==> flow/design.v <==
module core_regfile_mod #(
  parameter NWORDS = 6,
  parameter DW = 6,
  parameter ABITS = $clog2(NWORDS)
) (
  input  logic core_clk,
  input  logic nrst,
  input  logic wr_en,
  input  logic [ABITS-1:0] waddr,
  input  logic [DW-1:0] din,
  input  logic [ABITS-1:0] read_addr1,
  input  logic [ABITS-1:0] read_addr2,
  output logic [DW-1:0] rd_data1,
  output logic [DW-1:0] rd_data2
);
  logic r_wr_en;
  logic [ABITS-1:0] r_waddr;
  logic [DW-1:0] r_din;
  always_ff @(posedge core_clk) begin
    if (!nrst) begin
      r_wr_en <= 1'b0;
      r_waddr <= '0;
      r_din <= '0;
    end else begin
      r_wr_en <= wr_en;
      r_waddr <= waddr;
      r_din <= din;
    end
  end
  logic [DW-1:0] rf [0:NWORDS-1];
  always_ff @(posedge core_clk) begin
    if (!nrst) begin
      for (int n = 0; n < NWORDS; n++)
        rf[n] <= '0;
    end else if (r_wr_en) begin
      rf[r_waddr] <= r_din;
    end
  end
  logic [ABITS-1:0] r_read_addr1;
  logic [ABITS-1:0] r_read_addr2;
  always_ff @(posedge core_clk) begin
    if (!nrst) begin
      r_read_addr1 <= '0;
      r_read_addr2 <= '0;
      rd_data1 <= '0;
      rd_data2 <= '0;
    end else begin
      r_read_addr1 <= read_addr1;
      r_read_addr2 <= read_addr2;
      rd_data1 <= rf[r_read_addr1];
      rd_data2 <= rf[r_read_addr2];
    end
  end
endmodule
; ---- From RTL to reports: core_regfile_mod
; Module core_regfile_mod in several versions that differ in "DW"; each step lists the members.
; The RTL above is that of DW=6; lines are counted from 1 in the file of the member named.
; Operators carry their Yosys type and port widths (W data, S select, Z words).
; Cell names lack the library's common part.
; A cell with -- has no value.
[design]
top = core_regfile_mod
clk_port = core_clk
library = sky130hd
lib_corner = tt_025C_1v80

; ---- Source of the members
; Lines of each other member's file that are new or changed against the file above; lines that a member lacks are not shown.
[src_changes]
columns = DW, line_no
row1 = 24, 3  ; parameter DW = 24,
row2 = 32, 3  ; parameter DW = 32,
row3 = 64, 3  ; parameter DW = 64,

; ---- After elaboration
; Source: Yosys, flattened and elaborated, memories not mapped. Widths are those after wreduce; folded enables and synchronous resets count as part of the registers. Registers that Yosys merges into a memory's read port (data or address) are not register bits. Print and check cells do not count.
; Yosys's memory passes give these memory sizes; they may raise the number of words (mostly to a power of two), join words into wider ones and drop unused or constant bits.
[op_classes]
columns = DW, add_sub_neg, multipliers, n_div, compare, eq_ne, shift, n_mux, bitwise, reduce_and_logical
row1 = 6, 0, 0, 0, 0, 0, 0, 10, 0, 3
row2 = 24, 0, 0, 0, 0, 0, 0, 10, 0, 3
row3 = 32, 0, 0, 0, 0, 0, 0, 10, 0, 3
row4 = 64, 0, 0, 0, 0, 0, 0, 10, 0, 3
[op_table]
columns = DW, operators
row1 = 6, $mux W6 (3); $mux W3 (3); $reduce_or A6 Y1 (1); $mux W1 (4); $logic_not A1 Y1 (2)
row2 = 24, $mux W24 (3); $reduce_or A24 Y1 (1); $mux W3 (3); $mux W1 (4); $logic_not A1 Y1 (2)
row3 = 32, $mux W32 (3); $reduce_or A32 Y1 (1); $mux W3 (3); $mux W1 (4); $logic_not A1 Y1 (2)
row4 = 64, $mux W64 (3); $reduce_or A64 Y1 (1); $mux W3 (3); $mux W1 (4); $logic_not A1 Y1 (2)
[word_totals]
columns = DW, register_bits, latchBits, ram_bits, mem_bits_ro, n_memories, out_inout_bits, word_cells
row1 = 6, 16, 0, 48, 0, 1, 12, 19
row2 = 24, 34, 0, 192, 0, 1, 48, 19
row3 = 32, 42, 0, 256, 0, 1, 64, 19
row4 = 64, 74, 0, 512, 0, 1, 128, 19

; ---- Depth
; Longest topological path by Yosys (ltp), each cell counted once; first at word level (registers and memories cut), then after technology mapping (sequential cells cut; the memories' decode and read muxes count).
[logic_depth]
columns = DW, ltp_word, ABC_AREA, depth_mapped, ltp_nobuf
row1 = 6, 4, 0, 4, 3
row2 = 24, 4, 0, 6, 3
row3 = 32, 4, 0, 6, 3
row4 = 64, 4, 0, 6, 3

; ---- Synthesis result
; Yosys stat after the flow's synthesis: flattened, memories mapped to cells. It holds for the ABC_AREA given above (unset counts as 0); a run with the other value may have another netlist.
[synth_totals]
columns = DW, cell_count, area_mm2, seqArea_mm2, ffs, buf_cells
row1 = 6, 214, 0.0032256, 0.0020019, 76, 12
row2 = 24, 828, 0.0117087, 0.0074071, 274, 63
row3 = 32, 1090, 0.0154148, 0.0098094, 362, 85
row4 = 64, 2190, 0.0306907, 0.0194186, 714, 163
[types]
columns = DW, type_list
row1 = 6, edfxtp_1 (48); mux4_1 (24); dfxtp_1 (28); nor2_1 (44); mux2i_1 (12); and2_1 (17); nand2_1 (11); inv_1 (8); clkbuf_1 (7); buf_6 (2); buf_2 (3); nand3_1 (2); or3b_1 (1); a21o_1 (1); nand3b_1 (1); nor3b_1 (1); o31ai_1 (1); nand2b_1 (1); [+2]
row2 = 24, edfxtp_1 (192); dfxtp_1 (82); mux4_2 (48); mux2i_1 (72); nor2_1 (104); mux2_2 (24); o211a_1 (24); and2_1 (36); a221oi_1 (24); inv_1 (51); a22oi_1 (24); buf_2 (28); o21ai_0 (25); nor2_2 (19); nand2_1 (29); buf_6 (9); clkbuf_1 (21); buf_4 (5); [+11]
row3 = 32, edfxtp_1 (256); dfxtp_1 (106); mux4_2 (64); mux2i_1 (96); nor2_1 (163); mux2_2 (32); o211a_1 (32); a221oi_1 (32); and2_1 (44); inv_1 (67); a22oi_1 (32); o21ai_0 (33); buf_6 (14); buf_2 (29); nand2_1 (37); clkbuf_1 (34); buf_4 (7); nand2b_1 (2); [+10]
row4 = 64, edfxtp_1 (512); dfxtp_1 (202); mux4_2 (128); nor2_1 (386); mux2_2 (128); mux2i_1 (128); a221oi_2 (50); o21ai_0 (129); inv_1 (129); a211oi_1 (64); and2_1 (76); buf_2 (65); nand2_1 (70); clkbuf_1 (58); buf_4 (18); a221oi_1 (14); buf_6 (9); buf_12 (5); [+19]
; The mark [+n] counts cells that are not listed.

; ---- Timing after synthesis
; OpenSTA on the mapped netlist: ideal clock, no wires. The path of least setup slack (recovery checks aside). Input and output delay are each 20% of the period. Register names are those of the netlist, which keeps one name where synthesis merged equal registers.
[synth_path]
columns = DW, kind, startpoint, endpoint, tclk_ns, path_slack_ns, driving_pins, delay_ns, period_less_setup_slack_ns
row1 = 6, input -> register, in nrst, mem rf[4][0], 2.15, 0.346, 4, 1.374, 1.804
row2 = 24, input -> register, in nrst, mem rf[4][0], 4.01, 0.639, 4, 2.569, 3.371
row3 = 32, input -> register, in nrst, mem rf[4][0], 4.66, 0.747, 3, 2.981, 3.913
row4 = 64, input -> register, in nrst, mem rf[4][0], 8.88, 1.423, 5, 5.681, 7.457
; "delay_ns" is the arrival time less input delay plus setup time.
; "driving_pins" counts driving pins, that of a launching flip-flop among them; a cell with two outputs on the path counts twice.
; "period_less_setup_slack_ns" = period - worst setup slack (recovery checks aside). The figure is calculated, with input and output delays left at 20% of the set period.
; The rows between start and end are the longest chain of elaborated cells between them; the timing report does not say that the signal goes this way. Where chains are equally long, one stands for them.
; Each line given opens the expression or statement behind the cell; cells for indexed reads and writes are added by Yosys, which also makes memories of some case tables.
; DW=6: The path ends at the enable pin of a flip-flop; only ways to that pin are counted.
[synth_via_DW_6]
elab_chain_len = 3
[synth_lines_DW_6]
columns = item, line_no
row1 = "start, declared", 7  ; input  logic nrst,
row2 = $mux W1, 32  ; if (!nrst) begin
row3 = $reduce_or A6 Y1, --
row4 = $mux W3, --
row5 = "end, declared", 30  ; logic [DW-1:0] rf [0:NWORDS-1];
; DW=64: The path ends at the enable pin of a flip-flop; only ways to that pin are counted.
[synth_via_DW_64]
elab_chain_len = 3
[synth_lines_DW_64]
columns = item, line_no
row1 = "start, declared", 7  ; input  logic nrst,
row2 = $mux W1, 32  ; if (!nrst) begin
row3 = $reduce_or A64 Y1, --
row4 = $mux W3, --
row5 = "end, declared", 30  ; logic [DW-1:0] rf [0:NWORDS-1];

; ---- Path in the finished layout
; From the final timing report of each member's run: the path of least setup slack in the routed layout; clock arrival at registers is part of the times.
[layout_path]
columns = DW, kind, startpoint, endpoint, tclk_ns, path_slack_ns, driving_pins, arrival_ns
row1 = 6, input -> register, in nrst, mem rf[3][0], 2.15, 0.47, 4, 1.71
row2 = 24, register -> register, reg r_read_addr2[1], reg rd_data2[0], 4.01, 1.22, 6, 3.21
row3 = 32, input -> register, in nrst, mem (name not given), 4.66, 2.01, 6, 2.88
row4 = 64, input -> register, in nrst, mem rf[3][7], 8.88, 3.71, 7, 5.41

; ---- Layout results
; Settings and results of one run of the flow (Yosys, OpenROAD) for each member follow. The constraints put input and output delay at 20% of the set period each and load the outputs with 0.01 pF.
[flow_settings]
CAP_MARGIN = 20
CORE_MARGIN = 2
CORE_UTILIZATION = 40
SLEW_MARGIN = 20
[settings_diff]
columns = DW, period_ns
row1 = 6, 2.15
row2 = 24, 4.01
row3 = 32, 4.66
row4 = 64, 8.88
[results]
columns = DW, synth_area_mm2, die_area_mm2, cell_area_final_mm2, finalUtil_pct, fin_ws_ns, setup_tns_ns, final_hold_ws_ns, total_power_uw, achievedPeriod_ns
row1 = 6, 0.0032256, 0.0087984, 0.0038374, 49.4, 0.465, 0.000, 0.663, 2801, 1.685
row2 = 24, 0.0117087, 0.0306565, 0.0138408, 48.1, 1.221, 0.000, 0.665, 6237, 2.789
row3 = 32, 0.0154148, 0.0401241, 0.0182963, 48.3, 2.009, 0.000, 0.654, 7357, 2.651
row4 = 64, 0.0306907, 0.0789582, 0.0360946, 47.5, 3.715, 0.000, 0.657, 7740, 5.165
; "achievedPeriod_ns" is the run's clock period less its worst setup slack. It is reckoned from that one timing run; input and output delays stay at 20% of the period that was set.
; "total_power_uw": no workload was simulated; the value follows from the tool's default switching activity.
